==> flow/design.v <==
module pp_row #(parameter N = 4) (
  input wire [N-1:0] a,
  input wire sel,
  input wire [N-1:0] pin,
  output wire [N:0] pout
);
  assign pout = pin + (a & {N{sel}});
endmodule
module gen_times #(
  parameter integer WD = 5
) (
  input CLK,
  input [WD-1:0] i_op_a,
  input [WD-1:0] i_op_b,
  output reg [2*WD-1:0] o_q
);
  reg [WD-1:0] op_a_reg;
  always @(posedge CLK)
    op_a_reg <= i_op_a;
  reg [WD-1:0] op_b_reg;
  always @(posedge CLK)
    op_b_reg <= i_op_b;
  wire [WD:0] nd [0:WD];
  wire [WD-1:0] low;
  assign nd[0] = 0;
  genvar ii;
  generate
    for (ii = 0; ii < WD; ii = ii + 1) begin : g_bit
      pp_row #(.N(WD)) el (.a(op_a_reg), .sel(op_b_reg[ii]), .pin(nd[ii][WD:1]), .pout(nd[ii+1]));
      assign low[ii] = nd[ii+1][0];
    end
  endgenerate
  always @(posedge CLK)
    o_q <= {nd[WD][WD:1], low};
endmodule
# == Step by step through the tools: gen_times ==
# Tool output for the design above, in the order of the flow.
# Lines are those of the file above, counted from 1.
# Cell names lack the library's common part.
# Not given: --
# setup
top_module,gen_times
clk_port,CLK
library,sky130hd
lib_corner,tt_025C_1v80

# == Elaborated design ==
# Yosys after proc, flatten, opt, wreduce and memory -nomap, before mapping. Enables and synchronous resets that opt folds into registers are not counted as muxes. Memory bits, and registers merged into a memory's read port (data or address), are not among the register bits. Print and check cells are not counted. Equal cells are merged and count once.
# classes
addsub,4
bitwise,5
# ops
op,n
5-bit bitwise AND,5
5-bit by 6-bit adder with 6-bit output,3
4-bit by 6-bit adder with 6-bit output,1
# word_totals
ff_bits,20
inputBits,11
out_inout_bits,10
word_cells,12

# == Longest topological paths ==
# Yosys ltp: most cells in a row. Word level: on the elaborated netlist, between registers, memories and ports. Mapped: between sequential cells and ports; inverters and the memories' decode and read muxes count.
# depth
depth_word,5
ABC_AREA,0
ltp_mapped,17
mapped_depth_nobuf,17

# == After synthesis ==
# The flow's flattened synthesis, as Yosys stat reports it; memories are mapped. The netlist is that of the ABC_AREA named above (0 if unset); the other value can give another one.
# by_type
cell,n,type_area_um2
dfxtp_1,20,400.384
ha_1,20,250.24
and2_1,23,143.888
fa_1,4,80.077
xnor2_1,8,70.067
a21oi_1,8,40.038
xor2_1,4,35.034
a21o_1,4,30.029
nor2_1,6,22.522
a211o_1,2,17.517
inv_1,4,15.014
o211ai_1,2,15.014
a211oi_2,1,12.512
nand2_1,3,11.261
nand3_1,2,10.01
o21ai_0,2,10.01
o21ai_1,2,10.01
and3_1,1,6.256
nand2b_1,1,6.256
# mapped
cells,117
mapped_area_um2,1186.1
seqArea_um2,400.4
ff_cells,20
buffers,0
# By module: a second synthesis without flattening, with its own total; a netlist apart from the flattened one above.
# unflattened
hier_cells,131
area_unflattened_um2,1355.0
# Each row is one instance without its submodules.
# modules
module,n_inst,cells,area_um2,mod_seq_area_um2
pp_row (N=5),5,22,190.2,0.0
gen_times,1,21,404.1,400.4

# == Worst setup path after synthesis ==
# OpenSTA on the mapped netlist: ideal clock, no wires. The path of least setup slack (recovery checks aside). Input and output delay are each 20% of the period. Register names are those of the netlist, which keeps one name where synthesis merged equal registers.
# synth_path
path_type,reg-to-reg
startpoint,register op_a_reg[1]
endpoint,register o_q[9]
tclk_ns,4.45
setup_time_ns,0.122
launch_ns,0.000
arrival_time_ns,3.436
t_required_ns,4.328
slack_ns,0.892
delay_ns,3.558
path_stages,16
path_buffers,0
synth_period_reached_ns,3.558
# "delay_ns" = arrival - input delay + setup time.
# "path_stages" counts driving pins, that of a launching flip-flop among them; a cell with two outputs on the path counts twice.
# "synth_period_reached_ns" = period - worst setup slack (recovery checks aside). The figure is calculated, with input and output delays left at 20% of the set period.
# The rows between start and end are the longest chain of elaborated cells between them; the timing report does not say that the signal goes this way. Where chains are equally long, one stands for them.
# Each line given opens the expression or statement behind the cell; cells for indexed reads and writes are added by Yosys, which also makes memories of some case tables.
# synth_between
cell_sequence,dfxtp_1 > and2_1 > ha_1 > fa_1 > xor2_1 > ha_1 > and3_1 > a211oi_2 > xnor2_1 > ha_1 > xnor2_1 > inv_1 > ha_1 > a211o_1 > o211ai_1 > a21oi_1
elab_chain_len,5
cone_cells,9
cone_lines,1
classes_between,add/sub (4); logic (5)
# synth_rtl
element,line_no,text
"start, declared",17,reg [WD-1:0] op_a_reg;
"start, assigned",19,op_a_reg <= i_op_a;
5-bit bitwise AND,7,assign pout = pin + (a & {N{sel}});
4-bit by 6-bit adder with 6-bit output,7,
5-bit by 6-bit adder with 6-bit output x3,7,
"end, assigned",34,"o_q <= {nd[WD][WD:1], low};"
"end, declared",15,output reg [2*WD-1:0] o_q

# == Timing after layout ==
# Path of least setup slack in the final report of run 1 (OpenROAD, finished layout, wires in). Where an end is a register, its clock arrival counts in the times.
# layout_path
path_type,reg-to-reg
startpoint,register op_b_reg[1]
endpoint,register o_q[7]
tclk_ns,4.45
setup_time_ns,0.06
launch_ns,0.30
arrival_time_ns,4.12
t_required_ns,4.69
slack_ns,0.57
path_stages,17
path_buffers,0
# The rows between start and end are the longest chain of elaborated cells between them; the timing report does not say that the signal goes this way. Where chains are equally long, one stands for them.
# layout_between
cell_sequence,dfxtp_1 > and2_1 > ha_1 > a21o_1 > a21oi_1 > xnor2_1 > ha_1 > and3_1 > a211oi_2 > xnor2_1 > ha_1 > xnor2_1 > inv_1 > ha_1 > a211o_1 > o21ai_1 > xnor2_1
elab_chain_len,5
cone_cells,5
cone_lines,1
classes_between,add/sub (4); logic (1)
# layout_rtl
element,line_no,text
"start, declared",20,reg [WD-1:0] op_b_reg;
"start, assigned",22,op_b_reg <= i_op_b;
5-bit bitwise AND,7,assign pout = pin + (a & {N{sel}});
4-bit by 6-bit adder with 6-bit output,7,
5-bit by 6-bit adder with 6-bit output x3,7,
"end, assigned",34,"o_q <= {nd[WD][WD:1], low};"
"end, declared",15,output reg [2*WD-1:0] o_q

# Design gen_times on sky130hd. What follows are 3 stored runs of the flow, each under its own settings; their order means nothing. The constraints put input and output delay at 20% of the set period each and load the outputs with 0.01 pF.
# Settings: -- = not set for that run.
run name,period_ns,CAP_MARGIN,CORE_MARGIN,CORE_UTILIZATION,SLEW_MARGIN,SETUP_SLACK_MARGIN,TNS_END_PERCENT,ABC_AREA,CELL_PAD_IN_SITES_GLOBAL_PLACEMENT,CTS_CLUSTER_SIZE,synth_area_um2,layout_stdcell_area_um2,design.die.area_um2,utilization_pct,worst_setup_slack_ns
run 1,4.45,20,2,40,20,--,--,--,--,--,1186.1,1477.7,3417.0,53.1,0.572
run 2,5.35,0,2,55,25,0.69,65,1,--,--,1358.8,1619.0,2884.2,67.2,1.604
run 3,4.92,20,3,24,20,0.96,35,--,1,14,1186.1,1555.2,5821.7,34.1,1.179
